==> flow/design.v <==
module sync_multiplier_n #(
  parameter BITS = 22
) (
  input ck,
  input step,
  input [BITS-1:0] in_a,
  input [BITS-1:0] in_b,
  output reg [2*BITS-1:0] out_q
);
  reg [BITS-1:0] a_ff;
  reg [BITS-1:0] b_ff;
  always @(posedge ck) begin
    if (step) begin
      a_ff <= in_a;
      b_ff <= in_b;
    end
  end
  wire [2*BITS-1:0] lvl [0:BITS];
  assign lvl[0] = 0;
  genvar k;
  generate
    for (k = 0; k < BITS; k = k + 1) begin : lane
      assign lvl[k+1] = lvl[k] + (b_ff[k] ? {{BITS{1'b0}}, a_ff} << k : {2*BITS{1'b0}});
    end
  endgenerate
  always @(posedge ck) begin
    if (step) begin
      out_q <= lvl[BITS];
    end
  end
endmodule
* Reports on sync_multiplier_n
The steps from the RTL of sync_multiplier_n to its reports follow in flow order.
Lines are those of the file above, counted from 1.
Operators carry their Yosys type and port widths (W data, S select, Z words).
Library cell names are shortened.
Not given: n/a
- Design top :: sync_multiplier_n
- Clock input :: ck
- Standard-cell library :: sky130hd
- Library corner :: tt_025C_1v80

* After elaboration
Yosys after proc, flatten, opt, wreduce and memory -nomap, before mapping. Enables and synchronous resets that opt folds into registers are not counted as muxes. Memory bits, and registers merged into a memory's read port (data or address), are not among the register bits. Print and check cells are not counted. Equal cells are merged and count once.
- $add $sub $neg :: 21
- Mux-type cells :: 22
** Operator list (count)
- $add A43 B43 Y44 :: 1
- $add A42 B42 Y43 :: 1
- $mux W43 :: 1
- $add A41 B41 Y42 :: 1
- $mux W42 :: 1
- $add A40 B40 Y41 :: 1
- $mux W41 :: 1
- $add A39 B39 Y40 :: 1
- $mux W40 :: 1
- $add A38 B38 Y39 :: 1
- $mux W39 :: 1
- $add A37 B37 Y38 :: 1
- $mux W38 :: 1
- $add A36 B36 Y37 :: 1
- $mux W37 :: 1
- $add A35 B35 Y36 :: 1
- $mux W36 :: 1
- $add A34 B34 Y35 :: 1
- $mux W35 :: 1
- $add A33 B33 Y34 :: 1
- $mux W34 :: 1
- $add A32 B32 Y33 :: 1
- $mux W33 :: 1
- $add A31 B31 Y32 :: 1
- $mux W32 :: 1
- $add A30 B30 Y31 :: 1
- $mux W31 :: 1
- $add A29 B29 Y30 :: 1
Not listed: further kinds 15, cells in them 15.
- Flip-flop bits (word level) :: 88
- Output and inout port bits :: 44
- Elaborated cells :: 46

* Longest topological paths
Depth = most cells in a row (Yosys ltp): at word level without a register or memory, in the mapped netlist without a sequential cell, where the memories' decode and read muxes count.
- Depth after elaboration :: 22
- ABC_AREA :: 0
- Gate-level depth with buffers :: 23
- Gate-level depth less buffers :: 21

* After synthesis
Yosys stat after the flow's synthesis: flattened, memories mapped to cells. It holds for the ABC_AREA given above (unset counts as 0); a run with the other value may have another netlist.
Totals and module areas in this step are rounded.
** Cells by type
- fa_1 :: count 402, total area 8.05E+03 sq um
- edfxtp_1 :: count 88, total area 2.64E+03 sq um
- ha_1 :: count 153, total area 1.91E+03 sq um
- inv_1 :: count 379, total area 1.42E+03 sq um
- nand2_1 :: count 335, total area 1.26E+03 sq um
- and2_1 :: count 183, total area 1.14E+03 sq um
- clkbuf_1 :: count 93, total area 349.085 sq um
- a21oi_1 :: count 42, total area 210.202 sq um
- xnor2_1 :: count 24, total area 210.202 sq um
- o21ai_0 :: count 21, total area 105.101 sq um
- xor2_1 :: count 12, total area 105.101 sq um
- a21o_1 :: count 9, total area 67.565 sq um
- o21bai_1 :: count 9, total area 67.565 sq um
- nor2_1 :: count 15, total area 56.304 sq um
- nand4_1 :: count 7, total area 43.792 sq um
- nand3_1 :: count 8, total area 40.038 sq um
- nor2b_1 :: count 6, total area 37.536 sq um
- o21a_1 :: count 5, total area 37.536 sq um
Not listed: further types 28, cells in them 47.
- Cell count :: 1838
- Chip area (Yosys) :: 18130 sq um
- Mapped flip-flops :: 88

* Timing after synthesis
OpenSTA on the mapped netlist: ideal clock, no wires. The path of least setup slack (recovery checks aside). Input and output delay are each 20% of the period. Register names are those of the netlist, which keeps one name where synthesis merged equal registers.
- Kind :: flip-flop to flip-flop
- From :: reg b_ff[15]
- To :: reg out_q[42]
- Period :: 8.1 ns
- Library setup time :: 0.265 ns
- Time at the first pin :: 0.000 ns
- Arrival :: 6.212 ns
- Required time :: 7.835 ns
- Slack :: 1.623 ns
- Path delay :: 6.477 ns
- Stages :: 23
- Buffers on the path :: 1
- Period reached after synthesis :: 6.477 ns
"path delay" is the arrival time less input delay plus setup time.
"stages" counts driving pins, that of a launching flip-flop among them; a cell with two outputs on the path counts twice.
"period reached after synthesis" is the clock period less the worst setup slack; recovery checks do not enter. This is arithmetic on one report: input and output delays are still those of the set period (20% each).
Between the ends stands the longest chain of elaborated cells between them, by number of cells; it is not shown to be the way that was timed. Of several equally long chains one is given.
A line is the first line of the expression or statement that the cell stems from. Yosys adds cells for indexed reads and writes and turns some case tables into memories.
- Path through :: edfxtp_1 > clkbuf_1 > nand2_1 > fa_1 > inv_1 > fa_1 > inv_1 > fa_1 > inv_1 > fa_1 > fa_1 > fa_1 > inv_1 > fa_1 > inv_1 > ha_1 > a21oi_1 > o21ai_0 > o31a_2 > o21ai_2 > o21ba_1 > o311a_1 > or3_1
- Length of the longest elaborated chain :: 8
** Ends and longest elaborated chain, post-synthesis
- start, declared :: line 11 : reg [BITS-1:0] b_ff;
- start, assigned :: line 15 : b_ff <= in_b;
- $mux W37 :: line 23 : assign lvl[k+1] = lvl[k] + (b_ff[k] ? {{BITS{1'b0}}, a_ff} << k : {2*BITS{1'b0}});
- $add A37 B37 Y38 :: line 23
- $add A38 B38 Y39 :: line 23
- $add A39 B39 Y40 :: line 23
- $add A40 B40 Y41 :: line 23
- $add A41 B41 Y42 :: line 23
- $add A42 B42 Y43 :: line 23
- $add A43 B43 Y44 :: line 23
- end, assigned :: line 28 : out_q <= lvl[BITS];
- end, declared :: line 8 : output reg [2*BITS-1:0] out_q

* Timing after layout
Path of least setup slack in the final report of flow run A (OpenROAD, finished layout, wires in). Where an end is a register, its clock arrival counts in the times.
- Kind :: flip-flop to flip-flop
- From :: reg a_ff[10]
- To :: reg out_q[43]
- Period :: 8.1 ns
- Library setup time :: 0.25 ns
- Time at the first pin :: 0.40 ns
- Arrival :: 7.57 ns
- Required time :: 8.25 ns
- Slack :: 0.67 ns
- Stages :: 22
- Buffers on the path :: 2
Between the ends stands the longest chain of elaborated cells between them, by number of cells; it is not shown to be the way that was timed. Of several equally long chains one is given.
- Path through :: edfxtp_1 > buf_4 > buf_4 > nand2_1 > fa_1 > inv_1 > fa_1 > fa_1 > fa_1 > inv_1 > fa_1 > inv_1 > fa_1 > ha_1 > ha_1 > and3_1 > nand2_1 > o41ai_1 > o21ai_0 > a21oi_1 > a211oi_1 > xnor2_1
- Length of the longest elaborated chain :: 22
** Ends and longest elaborated chain, post-layout
- start, declared :: line 10 : reg [BITS-1:0] a_ff;
- start, assigned :: line 14 : a_ff <= in_a;
- $mux W22 :: line 23 : assign lvl[k+1] = lvl[k] + (b_ff[k] ? {{BITS{1'b0}}, a_ff} << k : {2*BITS{1'b0}});
- $add A22 B23 Y24 :: line 23
- $add A24 B24 Y25 :: line 23
- $add A25 B25 Y26 :: line 23
- $add A26 B26 Y27 :: line 23
- $add A27 B27 Y28 :: line 23
- $add A28 B28 Y29 :: line 23
- [... 8 more ...]
- $add A37 B37 Y38 :: line 23
- $add A38 B38 Y39 :: line 23
- $add A39 B39 Y40 :: line 23
- $add A40 B40 Y41 :: line 23
- $add A41 B41 Y42 :: line 23
- $add A42 B42 Y43 :: line 23
- $add A43 B43 Y44 :: line 23
- end, assigned :: line 28 : out_q <= lvl[BITS];
- end, declared :: line 8 : output reg [2*BITS-1:0] out_q

Add stored flow runs of sync_multiplier_n

Flow measurements of sync_multiplier_n on sky130hd: 3 stored runs with different settings, listed in no order. Input and output delays are each 20% of the period that was set; the output load is 0.01 pF.
"achieved clock period": clock period set for the run, less the worst setup slack. It is reckoned from that one timing run; input and output delays stay at 20% of the period that was set.
The measured numbers are rounded.

* Flow run A
** Files
==> flow/run.sh <==
#!/bin/bash
# the make line also repeats the synthesis and layout settings of config.mk as NAME=value (left out here)
make -C /OpenROAD-flow-scripts/flow DESIGN_CONFIG=/design/flow/config.mk WORK_HOME=/design/flow/orfs CLKGATE_MAP_FILE= finish
==> flow/config.mk <==
export PLATFORM = sky130hd
export DESIGN_NAME = sync_multiplier_n
export DESIGN_NICKNAME = sync_multiplier_n
export VERILOG_FILES = /design/flow/design.v
export SDC_FILE = /design/flow/constraint.sdc
export NUM_CORES = 4
export LEC_CHECK = 0
export CAP_MARGIN = 20
export CORE_MARGIN = 2
export CORE_UTILIZATION = 40
export SLEW_MARGIN = 20
==> flow/constraint.sdc <==
create_clock -name core_clock -period 8.1 [get_ports {ck}]
set_input_delay 1.6200 -clock core_clock [delete_from_list [all_inputs] [get_ports {ck}]]
set_output_delay 1.6200 -clock core_clock [all_outputs]
set_load 0.01 [all_outputs]
** Results
- Area of the synthesized netlist :: 18130 sq um
- Die outline area :: 47040 sq um
- Standard-cell area after layout :: 20020 sq um
- Worst setup slack after layout :: 0.674 ns
- Worst hold slack after layout :: 1.161 ns
- Achieved clock period :: 7.426 ns

* Flow run B
** Files
==> flow/run.sh <==
#!/bin/bash
# the make line also repeats the synthesis and layout settings of config.mk as NAME=value (left out here)
make -C /OpenROAD-flow-scripts/flow DESIGN_CONFIG=/design/flow/config.mk WORK_HOME=/design/flow/orfs CLKGATE_MAP_FILE= finish
==> flow/config.mk <==
export PLATFORM = sky130hd
export DESIGN_NAME = sync_multiplier_n
export DESIGN_NICKNAME = sync_multiplier_n
export VERILOG_FILES = /design/flow/design.v
export SDC_FILE = /design/flow/constraint.sdc
export NUM_CORES = 4
export LEC_CHECK = 0
export CAP_MARGIN = 0
export CORE_MARGIN = 9
export CORE_UTILIZATION = 35
export CTS_CLUSTER_DIAMETER = 106
export CTS_CLUSTER_SIZE = 70
export GPL_TIMING_DRIVEN = 1
export PLACE_DENSITY_LB_ADDON = 0.18
export SETUP_SLACK_MARGIN = -0.2
export SLEW_MARGIN = 20
==> flow/constraint.sdc <==
create_clock -name core_clock -period 5.62 [get_ports {ck}]
set_input_delay 1.1240 -clock core_clock [delete_from_list [all_inputs] [get_ports {ck}]]
set_output_delay 1.1240 -clock core_clock [all_outputs]
set_load 0.01 [all_outputs]
** Results
- Area of the synthesized netlist :: 18130 sq um
- Die outline area :: 60320 sq um
- Standard-cell area after layout :: 23770 sq um
- Worst setup slack after layout :: -0.824 ns
- Worst hold slack after layout :: 0.990 ns
- Achieved clock period :: 6.444 ns

* Flow run C
** Files
==> flow/run.sh <==
#!/bin/bash
# the make line also repeats the synthesis and layout settings of config.mk as NAME=value (left out here)
make -C /OpenROAD-flow-scripts/flow DESIGN_CONFIG=/design/flow/config.mk WORK_HOME=/design/flow/orfs CLKGATE_MAP_FILE= finish
==> flow/config.mk <==
export PLATFORM = sky130hd
export DESIGN_NAME = sync_multiplier_n
export DESIGN_NICKNAME = sync_multiplier_n
export VERILOG_FILES = /design/flow/design.v
export SDC_FILE = /design/flow/constraint.sdc
export NUM_CORES = 4
export LEC_CHECK = 0
export CAP_MARGIN = 40
export CELL_PAD_IN_SITES_DETAIL_PLACEMENT = 0
export CORE_MARGIN = 2
export CORE_UTILIZATION = 16
export PLACE_DENSITY_LB_ADDON = 0.08
export SETUP_SLACK_MARGIN = 1.67
export SLEW_MARGIN = 40
==> flow/constraint.sdc <==
create_clock -name core_clock -period 11.6 [get_ports {ck}]
set_input_delay 2.3200 -clock core_clock [delete_from_list [all_inputs] [get_ports {ck}]]
set_output_delay 2.3200 -clock core_clock [all_outputs]
set_load 0.01 [all_outputs]
** Results
- Area of the synthesized netlist :: 18130 sq um
- Die outline area :: 116000 sq um
- Standard-cell area after layout :: 21210 sq um
- Worst setup slack after layout :: 4.346 ns
- Worst hold slack after layout :: 0.860 ns
- Achieved clock period :: 7.254 ns
